==> flow/design.v <==
module alu_storage #(
    parameter ENTRIES = 48,
    parameter XLEN = 2,
    parameter ABITS = $clog2(ENTRIES)
) (
    input  wire core_clk,
    input  wire i_rst_n,
    input  wire [ABITS-1:0] address_in,
    input  wire wr_en_in,
    input  wire [XLEN-1:0] wdata_in,
    output reg [XLEN-1:0] read_data_out
);
    reg [ABITS-1:0] r_address;
    always @(posedge core_clk or negedge i_rst_n) begin
        if (!i_rst_n) begin
            r_address <= 0;
        end else begin
            r_address <= address_in;
        end
    end
    reg r_wr_en;
    always @(posedge core_clk or negedge i_rst_n) begin
        if (!i_rst_n) begin
            r_wr_en <= 1'b0;
        end else begin
            r_wr_en <= wr_en_in;
        end
    end
    reg [XLEN-1:0] r_wdata;
    always @(posedge core_clk or negedge i_rst_n) begin
        if (!i_rst_n) begin
            r_wdata <= 0;
        end else begin
            r_wdata <= wdata_in;
        end
    end
    reg [XLEN-1:0] bank [ENTRIES-1:0];
    always @(posedge core_clk)
        if (r_wr_en) bank[r_address] <= r_wdata;
    always @(posedge core_clk or negedge i_rst_n) begin
        if (!i_rst_n) begin
            read_data_out <= 0;
        end else begin
            read_data_out <= r_wr_en ? r_wdata : bank[r_address];
        end
    end
endmodule
# Reports on alu_storage
# The steps from the RTL of alu_storage to its reports follow in flow order.
# Line numbers count from 1 in the design file above.
# Operators carry their Yosys type and port widths (W data, S select, Z words).
# Library cell names are shortened.
inputs:
  top_module: "alu_storage"
  clk_port: "core_clk"
  library: "sky130hd"
  pvt_corner: "tt_025C_1v80"

# Elaborated design
# Source: Yosys, flattened and elaborated, memories not mapped. Widths are those after wreduce; folded enables and synchronous resets count as part of the registers. Registers that Yosys merges into a memory's read port (data or address) are not register bits. Print and check cells do not count. Equal cells are merged and count once.
# Memory sizes are those after Yosys's memory passes, which may raise the word count (mostly to a power of two), join words into wider ones and drop unused or constant bits.
word_totals:
  ff_bits: 9
  ram_bits: 96
  clocked_rd_ports_x_width: 2
  n_memories: 1
  input_bits: 11
  output_inout_bits: 2
  word_cells: 8
mem_list:
  columns: ["memory", "words", "width", "rd", "write_ports", "line", "text"]
  rows:
  - ["bank", 48, 2, 1, 1, 37, "reg [XLEN-1:0] bank [ENTRIES-1:0];"]
op_classes:
  n_mux: 3
  reduce_logical: 1
ops:
  columns: ["op", "n"]
  rows:
  - ["$mux W6", 1]
  - ["$mux W2", 1]
  - ["$logic_not A1 Y1", 1]
  - ["$mux W1", 1]

# Longest topological paths
# Yosys ltp: most cells in a row. Word level: on the elaborated netlist, between registers, memories and ports. Mapped: between sequential cells and ports; inverters and the memories' decode and read muxes count.
depth:
  ltp_word: 1
  ABC_AREA: 0
  mapped_depth: 9
  mapped_depth_nobuf: 5

# After synthesis
# Source: synth_stat.txt of the flow (Yosys; design flattened, memories mapped). It holds for the ABC_AREA given above (unset counts as 0); a run with the other value may have another netlist.
# The area totals of this step are shown rounded.
types:
  columns: ["type", "n", "type_area_um2"]
  rows:
  - ["edfxtp_1", 96, 2.88E+03]
  - ["dfrtp_1", 11, 275.264]
  - ["nor2_1", 51, 191.434]
  - ["mux4_2", 8, 180.173]
  - ["mux2i_1", 11, 110.106]
  - ["nand2_1", 16, 60.058]
  - ["mux4_1", 2, 52.55]
  - ["a211oi_1", 6, 45.043]
  - ["and3b_1", 4, 35.034]
  - ["buf_2", 7, 35.034]
  - ["buf_6", 3, 33.782]
  - ["mux2_1", 3, 33.782]
  - ["nand2b_1", 5, 31.28]
  - ["nand3_1", 6, 30.029]
  - ["nand3b_1", 4, 30.029]
  - ["nor3_1", 6, 30.029]
  - ["a221oi_1", 3, 26.275]
  - ["a31oi_1", 4, 25.024]
# Not listed: further types 33, cells in them 54.
mapped:
  cell_count: 300
  yosys_area_um2: 4490
  sequential_area_um2: 3160
  ffs: 107
  buf_cells: 18

# Timing after synthesis
# Path of least setup slack by OpenSTA after synthesis, without wires, with an ideal clock, recovery checks aside; 20% of the period is set as input and as output delay. Where synthesis merged equal registers, the netlist keeps one of their names.
synth_timing:
  path_kind: "reg-to-reg"
  start: "reg r_address[2]"
  end: "reg read_data_out[1]"
  period_ns: 2.35
  setup_ns: 0.129
  t_first_pin_ns: 0.000
  arrival_time_ns: 1.754
  required_time_ns: 2.221
  setup_slack_ns: 0.468
  delay_ns: 1.883
  driving_pins: 8
  path_buffers: 2
  synth_period_reached_ns: 1.882
# "delay_ns" is the arrival time less input delay plus setup time.
# "driving_pins": output pins that drive a net of the path, with the launching flip-flop's if there is one; two outputs of one cell count as two.
# "synth_period_reached_ns" is the clock period less the worst setup slack; recovery checks do not enter. This is arithmetic on one report: input and output delays are still those of the set period (20% each).
synth_between:
  cell_sequence: "dfrtp_1 buf_6 buf_6 and3_4 a311oi_2 o22ai_1 a211o_1 a2111o_1"
synth_lines:
  columns: ["element", "line", "text"]
  rows:
  - ["start: declaration", 13, "reg [ABITS-1:0] r_address;"]
  - ["start: assignment", 16, "r_address <= 0;"]
  - ["start: assignment", 18, "r_address <= address_in;"]
  - ["end: declaration", 11, "output reg [XLEN-1:0] read_data_out"]
# Chain of elaborated cells between the ends: none given.

# Worst path after layout
# Path of least setup slack in the final report of run 1 (OpenROAD, finished layout, wires in). Where an end is a register, its clock arrival counts in the times.
layout_timing:
  path_kind: "reg-to-reg"
  start: "reg r_address[0]"
  end: "reg read_data_out[1]"
  period_ns: 2.35
  setup_ns: 0.11
  t_first_pin_ns: 0.37
  arrival_time_ns: 2.40
  required_time_ns: 2.60
  setup_slack_ns: 0.19
  driving_pins: 8
  path_buffers: 2
layout_between:
  cell_sequence: "dfrtp_1 buf_4 buf_4 mux2i_1 o31ai_1 a211oi_1 nor3_1 a2111o_1"
layout_lines:
  columns: ["element", "line", "text"]
  rows:
  - ["start: declaration", 13, "reg [ABITS-1:0] r_address;"]
  - ["start: assignment", 16, "r_address <= 0;"]
  - ["start: assignment", 18, "r_address <= address_in;"]
  - ["end: declaration", 11, "output reg [XLEN-1:0] read_data_out"]
# Chain of elaborated cells between the ends: none given.

# Module alu_storage, platform sky130hd: 3 stored runs of the flow (Yosys, OpenROAD) with differing settings, in no particular order. Input and output delays are each 20% of the period that was set; the output load is 0.01 pF.
# "clock_period_reached_ns" = clock period - worst setup slack. The figure is calculated, with input and output delays left at 20% of the set period.
# "critical_path_time_ns" means the part of the period allowed to the worst setup path (the constraints hold back 20% at inputs and 20% at outputs) less its slack; where the path has registers, the arrival times of their clocks count too.
# "power_w" rests on the timing tool's default activity at the inputs, not on a simulated workload.
# Results are given in rounded form.
runs:
  - name: "run 1"
    settings:
      period_ns: 2.35
      CAP_MARGIN: 20
      CORE_MARGIN: 2
      CORE_UTILIZATION: 40
      SLEW_MARGIN: 20
    results:
      post_route_util_pct: 45.6
      synthArea_um2: 4490
      setup_tns_ns: 0.000
      timing.setup.ws_ns: 0.194
      critical_path_time_ns: 2.16
      worst_setup_path_type: "reg-to-reg"
      power_w: 0.00336
      clock_period_reached_ns: 2.156
      final_die_area_um2: 12100
  - name: "run 2"
    settings:
      period_ns: 1.38
      CORE_UTILIZATION: 63
      PLACE_DENSITY: 0.79
      CELL_PAD_IN_SITES_GLOBAL_PLACEMENT: 0
      CAP_MARGIN: 20
      CORE_MARGIN: 2
      SLEW_MARGIN: 20
    results:
      post_route_util_pct: 90.3
      synthArea_um2: 4490
      setup_tns_ns: -33.0
      timing.setup.ws_ns: -0.881
      critical_path_time_ns: 2.26
      worst_setup_path_type: "reg-to-reg"
      power_w: 0.00637
      clock_period_reached_ns: 2.261
      final_die_area_um2: 7830
  - name: "run 3"
    settings:
      period_ns: 1.78
      CORE_UTILIZATION: 67
      SETUP_SLACK_MARGIN: -0.04
      PLACE_DENSITY_LB_ADDON: 0.28
      CORE_ASPECT_RATIO: 0.55
      CELL_PAD_IN_SITES_GLOBAL_PLACEMENT: 0
      CELL_PAD_IN_SITES_DETAIL_PLACEMENT: 2
      TNS_END_PERCENT: 45
      ABC_AREA: 1
      CAP_MARGIN: 20
      CORE_MARGIN: 2
      SLEW_MARGIN: 20
    outcome: "unfinished; error DPL-0033 in placement"
